==> flow/design.v <==
module mult_top #(
    parameter int BITS = 6
) (
    input logic aclk,
    input logic adv,
    input logic signed [BITS-1:0] rs1,
    input logic signed [BITS-1:0] rs2,
    output logic signed [2*BITS-1:0] m
);
    logic signed [BITS-1:0] rs1_d1;
    logic signed [BITS-1:0] rs2_d1;
    assign m = rs1_d1 * rs2_d1;
    always_ff @(posedge aclk) begin
        if (adv) begin
            rs1_d1 <= rs1;
            rs2_d1 <= rs2;
        end
    end
endmodule
---- Reports on mult_top ----
The steps from the RTL of mult_top to its reports follow in flow order.
Line numbers count from 1 in the design file above.
The mark - stands for no value.
inputs
  top ..................................... mult_top
  clock input ............................. aclk
  cell library ............................ sky130hd
  library corner .......................... tt_025C_1v80

---- After elaboration ----
Source: Yosys, flattened and elaborated, memories not mapped. Widths are those after wreduce; folded enables and synchronous resets count as part of the registers. Registers that Yosys merges into a memory's read port (data or address) are not register bits. Print and check cells do not count. Equal cells are merged and count once.
cells by class
  multiply operators ...................... 1
operators with widths
  kind                        count
  multiplier 6 x 6 -> 12 bit  1
bit counts
  elaborated cells ........................ 3
  input bits .............................. 14
  flip-flop bits (word level) ............. 12
  output and inout bits ................... 12

---- Longest topological paths ----
Yosys ltp: most cells in a row. Word level: on the elaborated netlist, between registers, memories and ports. Mapped: between sequential cells and ports; inverters and the memories' decode and read muxes count.
logic depth
  word-level depth ........................ 1
  ABC_AREA ................................ 0
  mapped depth ............................ 16
  depth with buffers taken out ............ 16

---- After synthesis ----
The flow's flattened synthesis, as Yosys stat reports it; memories are mapped. The netlist is that of the ABC_AREA named above (0 if unset); the other value can give another one.
mapped netlist
  buffers ................................. 0
  cells in the netlist .................... 159
  mapped area ............................. 1706.6 um^2
  flip-flop cells ......................... 12
  area of sequential cells ................ 360.3 um^2
cell types
  cell type                   count  total area (um^2)
  sky130_fd_sc_hd__fa_1       26     520.499
  sky130_fd_sc_hd__edfxtp_1   12     360.346
  sky130_fd_sc_hd__ha_1       21     262.752
  sky130_fd_sc_hd__and2_1     22     137.632
  sky130_fd_sc_hd__inv_1      33     123.869
  sky130_fd_sc_hd__xnor2_1    9      78.826
  sky130_fd_sc_hd__nand2_1    9      33.782
  sky130_fd_sc_hd__nor2b_1    4      25.024
  sky130_fd_sc_hd__xor2_1     2      17.517
  sky130_fd_sc_hd__a2111oi_2  1      15.014
  sky130_fd_sc_hd__a21oi_1    3      15.014
  sky130_fd_sc_hd__nor2b_4    1      13.763
  sky130_fd_sc_hd__mux2_2     1      11.261
  sky130_fd_sc_hd__nor2_1     3      11.261
  sky130_fd_sc_hd__nand3_1    2      10.01
  sky130_fd_sc_hd__nand2b_2   1      8.758
  sky130_fd_sc_hd__o21ai_2    1      8.758
  sky130_fd_sc_hd__a21o_1     1      7.507
Not listed: further types 7, cells in them 7.

---- Worst setup path after synthesis ----
OpenSTA on the mapped netlist: ideal clock, no wires. The path of least setup slack (recovery checks aside). Input and output delay are each 20% of the period. Register names are those of the netlist, which keeps one name where synthesis merged equal registers.
timing post-synthesis
  path type ............................... reg2out
  start point ............................. register rs1_d1[0]
  end point ............................... output m[10]
  required time ........................... 4.704 ns
  path slack .............................. 0.942 ns
  clock period ............................ 5.88 ns
  path delay .............................. 3.762 ns
  buffers on the path ..................... 0
  output delay ............................ 1.176 ns
  arrival ................................. 3.762 ns
  launch time at the first pin ............ 0.000 ns
  stages on the path ...................... 14
  synthesis period reached ................ 4.938 ns
"path delay" = arrival - input delay + setup time.
A path that ends at an output port has no setup time.
"stages on the path": output pins that drive a net of the path, with the launching flip-flop's if there is one; two outputs of one cell count as two.
"synthesis period reached" = period - worst setup slack (recovery checks aside). The figure is calculated, with input and output delays left at 20% of the set period.
The rows between start and end are the longest chain of elaborated cells between them; the timing report does not say that the signal goes this way. Where chains are equally long, one stands for them.
Each line given opens the expression or statement behind the cell; cells for indexed reads and writes are added by Yosys, which also makes memories of some case tables.
between the ends, post-synthesis
  cell sequence ........................... sky130_fd_sc_hd__edfxtp_1 > sky130_fd_sc_hd__nand2b_1 > sky130_fd_sc_hd__fa_1 > sky130_fd_sc_hd__fa_1 > sky130_fd_sc_hd__inv_1 > sky130_fd_sc_hd__fa_1 > sky130_fd_sc_hd__fa_1 > sky130_fd_sc_hd__inv_1 > sky130_fd_sc_hd__fa_1 > sky130_fd_sc_hd__nor2b_4 > sky130_fd_sc_hd__o21ai_2 > sky130_fd_sc_hd__nand2b_2 > sky130_fd_sc_hd__a2111oi_2 > sky130_fd_sc_hd__nand3b_1
  length of the longest elaborated chain .. 1
  elaborated cells between the ends (all ways) .. 1
  source lines of those cells ............. 1
  classes of those cells .................. mul: 1
RTL lines, path post-synthesis
  element                     line  RTL
  start: declaration          10    logic signed [BITS-1:0] rs1_d1;
  start: assignment           15    rs1_d1 <= rs1;
  multiplier 6 x 6 -> 12 bit  12    assign m = rs1_d1 * rs2_d1;
  end: declaration            8     output logic signed [2*BITS-1:0] m

---- Timing after layout ----
From the final timing report of record 1: the path of least setup slack in the routed layout; clock arrival at registers is part of the times.
timing post-layout
  path type ............................... reg2out
  start point ............................. register rs1_d1[0]
  end point ............................... output m[11]
  launch time at the first pin ............ 0.23 ns
  output delay ............................ 1.18 ns
  stages on the path ...................... 13
  path slack .............................. 0.21 ns
  buffers on the path ..................... 1
  required time ........................... 4.70 ns
  arrival ................................. 4.50 ns
  clock period ............................ 5.88 ns
The rows between start and end are the longest chain of elaborated cells between them; the timing report does not say that the signal goes this way. Where chains are equally long, one stands for them.
between the ends, post-layout
  cell sequence ........................... sky130_fd_sc_hd__edfxtp_1 > sky130_fd_sc_hd__nand2b_1 > sky130_fd_sc_hd__fa_1 > sky130_fd_sc_hd__fa_1 > sky130_fd_sc_hd__inv_1 > sky130_fd_sc_hd__fa_1 > sky130_fd_sc_hd__fa_1 > sky130_fd_sc_hd__ha_1 > sky130_fd_sc_hd__a21oi_1 > sky130_fd_sc_hd__o21ai_1 > sky130_fd_sc_hd__o22ai_1 > sky130_fd_sc_hd__xnor2_1 > sky130_fd_sc_hd__clkdlybuf4s50_1
  length of the longest elaborated chain .. 1
  elaborated cells between the ends (all ways) .. 1
  source lines of those cells ............. 1
  classes of those cells .................. mul: 1
RTL lines, path post-layout
  element                     line  RTL
  start: declaration          10    logic signed [BITS-1:0] rs1_d1;
  start: assignment           15    rs1_d1 <= rs1;
  multiplier 6 x 6 -> 12 bit  12    assign m = rs1_d1 * rs2_d1;
  end: declaration            8     output logic signed [2*BITS-1:0] m

Wiki page: mult_top / flow data

Record of 3 stored runs of the RTL-to-layout flow on mult_top, platform sky130hd. The runs are unordered. Constraints: input delay and output delay 20% of the set period each, output load 0.01 pF.
By "achieved clock period (ns)" is meant the clock period of the run minus its worst setup slack. This is arithmetic on one report: input and output delays are still those of the set period (20% each).
"worst setup path time (ns)" means the part of the period allowed to the worst setup path (the constraints hold back 20% at inputs and 20% at outputs) less its slack; where the path has registers, the arrival times of their clocks count too.
"finish__power__total" is the tool's figure for a default switching activity; nothing was simulated.

Flow files of record 1
==> flow/run.sh <==
#!/bin/bash
# the make line also repeats the synthesis and layout settings of config.mk as NAME=value (left out here)
make -C /OpenROAD-flow-scripts/flow DESIGN_CONFIG=/design/flow/config.mk WORK_HOME=/design/flow/orfs CLKGATE_MAP_FILE= finish
==> flow/config.mk <==
export PLATFORM = sky130hd
export DESIGN_NAME = mult_top
export DESIGN_NICKNAME = mult_top
export VERILOG_FILES = /design/flow/design.v
export SDC_FILE = /design/flow/constraint.sdc
export NUM_CORES = 4
export LEC_CHECK = 0
export CAP_MARGIN = 20
export CORE_MARGIN = 2
export CORE_UTILIZATION = 40
export SLEW_MARGIN = 20
==> flow/constraint.sdc <==
create_clock -name core_clock -period 5.88 [get_ports {aclk}]
set_input_delay 1.1760 -clock core_clock [delete_from_list [all_inputs] [get_ports {aclk}]]
set_output_delay 1.1760 -clock core_clock [all_outputs]
set_load 0.01 [all_outputs]

report of record 1
yosys chip area after synthesis (um^2): 1706.6
finish__design__die__area: 4805.3
finish__design__instance__area__stdcell: 2138.3
finish__design__instance__utilization: 0.5270
finish__timing__setup__ws: 0.205
finish__timing__setup__tns: 0.000
finish__timing__hold__ws: 1.501
finish__power__total: 1.070e-03
achieved clock period (ns): 5.675
worst setup path time (ns): 4.50
worst setup path kind: reg2out

Flow files of record 2
==> flow/run.sh <==
#!/bin/bash
# the make line also repeats the synthesis and layout settings of config.mk as NAME=value (left out here)
make -C /OpenROAD-flow-scripts/flow DESIGN_CONFIG=/design/flow/config.mk WORK_HOME=/design/flow/orfs CLKGATE_MAP_FILE= finish
==> flow/config.mk <==
export PLATFORM = sky130hd
export DESIGN_NAME = mult_top
export DESIGN_NICKNAME = mult_top
export VERILOG_FILES = /design/flow/design.v
export SDC_FILE = /design/flow/constraint.sdc
export NUM_CORES = 4
export LEC_CHECK = 0
export CAP_MARGIN = 20
export CELL_PAD_IN_SITES_DETAIL_PLACEMENT = 2
export CORE_MARGIN = 5
export CORE_UTILIZATION = 17
export CTS_CLUSTER_DIAMETER = 206
export GPL_TIMING_DRIVEN = 1
export MAX_ROUTING_LAYER = met5
export MIN_ROUTING_LAYER = met2
export PLACE_DENSITY_LB_ADDON = 0.02
export SLEW_MARGIN = 10
==> flow/constraint.sdc <==
create_clock -name core_clock -period 8.36 [get_ports {aclk}]
set_input_delay 1.6720 -clock core_clock [delete_from_list [all_inputs] [get_ports {aclk}]]
set_output_delay 1.6720 -clock core_clock [all_outputs]
set_load 0.01 [all_outputs]

report of record 2
yosys chip area after synthesis (um^2): 1706.6
finish__design__die__area: 12142.9
finish__design__instance__area__stdcell: 2164.6
finish__design__instance__utilization: 0.2215
finish__timing__setup__ws: 1.976
finish__timing__setup__tns: 0.000
finish__timing__hold__ws: 1.991
finish__power__total: 7.383e-04
achieved clock period (ns): 6.384
worst setup path time (ns): 4.71
worst setup path kind: reg2out

Flow files of record 3
==> flow/run.sh <==
#!/bin/bash
# the make line also repeats the synthesis and layout settings of config.mk as NAME=value (left out here)
make -C /OpenROAD-flow-scripts/flow DESIGN_CONFIG=/design/flow/config.mk WORK_HOME=/design/flow/orfs CLKGATE_MAP_FILE= finish
==> flow/config.mk <==
export PLATFORM = sky130hd
export DESIGN_NAME = mult_top
export DESIGN_NICKNAME = mult_top
export VERILOG_FILES = /design/flow/design.v
export SDC_FILE = /design/flow/constraint.sdc
export NUM_CORES = 4
export LEC_CHECK = 0
export CAP_MARGIN = 20
export CORE_ASPECT_RATIO = 1.34
export CORE_MARGIN = 2
export CORE_UTILIZATION = 63
export GPL_TIMING_DRIVEN = 1
export SETUP_SLACK_MARGIN = 1.2
export SLEW_MARGIN = 20
==> flow/constraint.sdc <==
create_clock -name core_clock -period 5.25 [get_ports {aclk}]
set_input_delay 1.0500 -clock core_clock [delete_from_list [all_inputs] [get_ports {aclk}]]
set_output_delay 1.0500 -clock core_clock [all_outputs]
set_load 0.01 [all_outputs]

report of record 3: did not finish, route, GRT-0232
